==> flow/design.v <==
module mplex #(
  parameter int DWIDTH = 10,
  parameter int NUM = 4,
  parameter int SW = $clog2(NUM)
) (
  input logic CLK,
  input logic [NUM*DWIDTH-1:0] i_val,
  input logic [SW-1:0] i_pick,
  output logic [DWIDTH-1:0] o_y
);
  logic [NUM*DWIDTH-1:0] r_val;
  always_ff @(posedge CLK) begin
    r_val <= i_val;
  end
  logic [SW-1:0] r_pick;
  always_ff @(posedge CLK) begin
    r_pick <= i_pick;
  end
  wire [DWIDTH-1:0] n_ [1:2*NUM-1];
  generate
    for (genvar ii = 0; ii < NUM; ii++) begin : each
      assign n_[NUM+ii] = r_val[ii*DWIDTH +: DWIDTH];
    end
    for (genvar ii = 1; ii < NUM; ii++) begin : blk
      assign n_[ii] = r_pick[SW - $clog2(ii+1)] ? n_[2*ii+1] : n_[2*ii];
    end
  endgenerate
  logic [DWIDTH-1:0] r_y;
  always_ff @(posedge CLK) begin
    r_y <= n_[1];
  end
  assign o_y = r_y;
endmodule
==> reports on mplex <==
Tool chain data of mplex
A sweep over "NUM": the same steps for each member of the family.
The RTL above is that of NUM=4; lines are counted from 1 in the file of the member named.
{ "design": {"top_module": "mplex", "clock": "CLK", "cell_library": "sky130hd", "corner": "tt_025C_1v80"} }

Source of the members
Lines of each other member's file that are new or changed against the file above; lines that a member lacks are not shown.
{ "src_changes": {"columns": ["NUM", "line", "text"], "rows": [
  [16, 3, "parameter int NUM = 16,"],
  [32, 3, "parameter int NUM = 32,"]
]} }

After elaboration
Counts by Yosys on the flattened word-level netlist (proc, flatten, opt, wreduce). Print and check cells are left out. Cells with the same type and inputs are merged into one.
{ "op_classes": {"columns": ["NUM", "mux"], "rows": [
  [4, 3],
  [16, 15],
  [32, 31]
]} }
{ "ops": {"columns": ["NUM", "op_list"], "rows": [
  [4, "2-to-1 mux 10 bit: 3"],
  [16, "2-to-1 mux 10 bit: 15"],
  [32, "2-to-1 mux 10 bit: 31"]
]} }
{ "bits": {"columns": ["NUM", "ff_bits", "inputBits", "output_inout_bits", "elab_cells"], "rows": [
  [4, 52, 43, 10, 6],
  [16, 174, 165, 10, 18],
  [32, 335, 326, 10, 34]
]} }

Logic depth
Yosys ltp: most cells in a row. Word level: on the elaborated netlist, between registers, memories and ports. Mapped: between sequential cells and ports; inverters and the memories' decode and read muxes count.
{ "logic_depth": {"columns": ["NUM", "ltp_word", "abc_area", "mapped_depth", "ltp_nobuf"], "rows": [
  [4, 2, 0, 2, 1],
  [16, 4, 0, 5, 3],
  [32, 5, 0, 7, 5]
]} }

Netlist
The flow's flattened synthesis, as Yosys stat reports it; memories are mapped. The netlist is that of the ABC_AREA named above (0 if unset); the other value can give another one.
{ "by_type": {"columns": ["NUM", "cell_types"], "rows": [
  [4, "sky130_fd_sc_hd__dfxtp_1: 52; sky130_fd_sc_hd__mux4_2: 10; sky130_fd_sc_hd__buf_6: 1; sky130_fd_sc_hd__clkbuf_2: 1"],
  [16, "sky130_fd_sc_hd__dfxtp_1: 174; sky130_fd_sc_hd__mux4_2: 40; sky130_fd_sc_hd__a22oi_1: 20; sky130_fd_sc_hd__nand2_1: 10; sky130_fd_sc_hd__buf_6: 2; sky130_fd_sc_hd__buf_1: 5; sky130_fd_sc_hd__buf_4: 2; sky130_fd_sc_hd__nor2b_1: 2; sky130_fd_sc_hd__clkbuf_1: 3; sky130_fd_sc_hd__and2_1: 1; sky130_fd_sc_hd__nor2_1: 1"],
  [32, "sky130_fd_sc_hd__dfxtp_1: 335; sky130_fd_sc_hd__mux2i_1: 160; sky130_fd_sc_hd__a22oi_1: 40; sky130_fd_sc_hd__a22o_1: 20; sky130_fd_sc_hd__buf_12: 7; sky130_fd_sc_hd__a21oi_1: 20; sky130_fd_sc_hd__nand3_1: 20; sky130_fd_sc_hd__nor3_2: 9; sky130_fd_sc_hd__buf_6: 7; sky130_fd_sc_hd__nand2_1: 20; sky130_fd_sc_hd__buf_2: 13; sky130_fd_sc_hd__a31oi_1: 10; sky130_fd_sc_hd__nand4_1: 10; sky130_fd_sc_hd__buf_4: 4; sky130_fd_sc_hd__clkbuf_1: 6; sky130_fd_sc_hd__buf_8: 1; sky130_fd_sc_hd__nand2b_1: 2; sky130_fd_sc_hd__nor2b_1: 2; (+6)"]
]} }
A list marked (+n) leaves out that many cells.
{ "mapped": {"columns": ["NUM", "stdcells", "mapped_area_mm2", "sequential_area_mm2", "ff_cells", "buffers"], "rows": [
  [4, 64, 0.0012825, 0.001041, 52, 2],
  [16, 260, 0.004662, 0.0034833, 174, 12],
  [32, 692, 0.0096793, 0.0067064, 335, 40]
]} }

Worst setup path after synthesis
Source: OpenSTA report_checks on the synthesized netlist (no wires, ideal clock, input and output delay 20% of the period each), path of least setup slack; recovery checks are left aside. Register names are those of the netlist, which keeps one name where synthesis merged equal registers.
{ "synth_path": {"columns": ["NUM", "kind", "from", "to", "clock_period_ns", "path_slack_ns", "stages", "delay_ns", "synth_period_reached_ns"], "rows": [
  [4, "flip-flop to flip-flop", "reg r_pick[0]", "reg r_y[0]", 1.36, 0.274, 3, 1.086, 1.086],
  [16, "flip-flop to flip-flop", "reg r_pick[0]", "reg r_y[8]", 1.9, 0.379, 6, 1.521, 1.521],
  [32, "flip-flop to flip-flop", "reg r_pick[0]", "reg r_y[0]", 1.7, 0.335, 8, 1.364, 1.365]
]} }
"delay_ns" is the arrival time less input delay plus setup time.
"stages" counts driving pins, that of a launching flip-flop among them; a cell with two outputs on the path counts twice.
"synth_period_reached_ns" is the clock period less the worst setup slack; recovery checks do not enter. This is arithmetic on one report: input and output delays are still those of the set period (20% each).
Between the ends stands the longest chain of elaborated cells between them, by number of cells; it is not shown to be the way that was timed. Of several equally long chains one is given.
A line is the first line of the expression or statement that the cell stems from. Yosys adds cells for indexed reads and writes and turns some case tables into memories.
{ "synth_via_NUM_4": {"elab_chain_len": 2} }
{ "synth_lines_NUM_4": {"columns": ["element", "line", "text"], "rows": [
  ["from (decl)", 15, "logic [SW-1:0] r_pick;"],
  ["from (assign)", 17, "r_pick <= i_pick;"],
  ["2-to-1 mux 10 bit (2 in a row)", 25, "assign n_[ii] = r_pick[SW - $clog2(ii+1)] ? n_[2*ii+1] : n_[2*ii];"],
  ["to (assign)", 30, "r_y <= n_[1];"],
  ["to (decl)", 28, "logic [DWIDTH-1:0] r_y;"]
]} }
{ "synth_via_NUM_32": {"elab_chain_len": 5} }
{ "synth_lines_NUM_32": {"columns": ["element", "line", "text"], "rows": [
  ["from (decl)", 15, "logic [SW-1:0] r_pick;"],
  ["from (assign)", 17, "r_pick <= i_pick;"],
  ["2-to-1 mux 10 bit (5 in a row)", 25, "assign n_[ii] = r_pick[SW - $clog2(ii+1)] ? n_[2*ii+1] : n_[2*ii];"],
  ["to (assign)", 30, "r_y <= n_[1];"],
  ["to (decl)", 28, "logic [DWIDTH-1:0] r_y;"]
]} }

Path in the finished layout
Path of least setup slack in the final report of each member's run (OpenROAD, finished layout, wires in). Where an end is a register, its clock arrival counts in the times.
{ "layout_path": {"columns": ["NUM", "kind", "from", "to", "clock_period_ns", "path_slack_ns", "stages", "t_arrival_ns", "path_buffers"], "rows": [
  [4, "flip-flop to output port", "reg r_y[6]", "out o_y[6]", 1.36, 0.14, 2, 0.95, 1],
  [16, "flip-flop to output port", "reg r_y[4]", "out o_y[4]", 1.9, 0.23, 2, 1.29, 1],
  [32, "flip-flop to flip-flop", "reg r_pick[0]", "reg r_y[6]", 1.7, 0.03, 8, 2.05, 3]
]} }

Layout results
Settings and results of one run of the flow (Yosys, OpenROAD) for each member follow. The constraints put input and output delay at 20% of the set period each and load the outputs with 0.01 pF.
{ "flow_settings": {"CAP_MARGIN": 20, "CORE_MARGIN": 2, "CORE_UTILIZATION": 40, "SLEW_MARGIN": 20} }
{ "settings_diff": {"columns": ["NUM", "period_ns"], "rows": [
  [4, 1.36],
  [16, 1.9],
  [32, 1.7]
]} }
{ "results": {"columns": ["NUM", "synth_chip_area_mm2", "design.die.area_mm2", "finish.utilization_frac", "ws_setup_ns", "tns_setup_ns", "hold_worst_slack_ns", "achievedPeriod_ns"], "rows": [
  [4, 0.0012825, 0.0036754, 0.629, 0.136, 0.000, 0.346, 1.224],
  [16, 0.004662, 0.0125339, 0.626, 0.226, 0.000, 0.400, 1.674],
  [32, 0.0096793, 0.0254578, 0.631, 0.030, 0.000, 0.271, 1.670]
]} }
"achievedPeriod_ns": clock period set for the run, less the worst setup slack. It is reckoned from that one timing run; input and output delays stay at 20% of the period that was set.
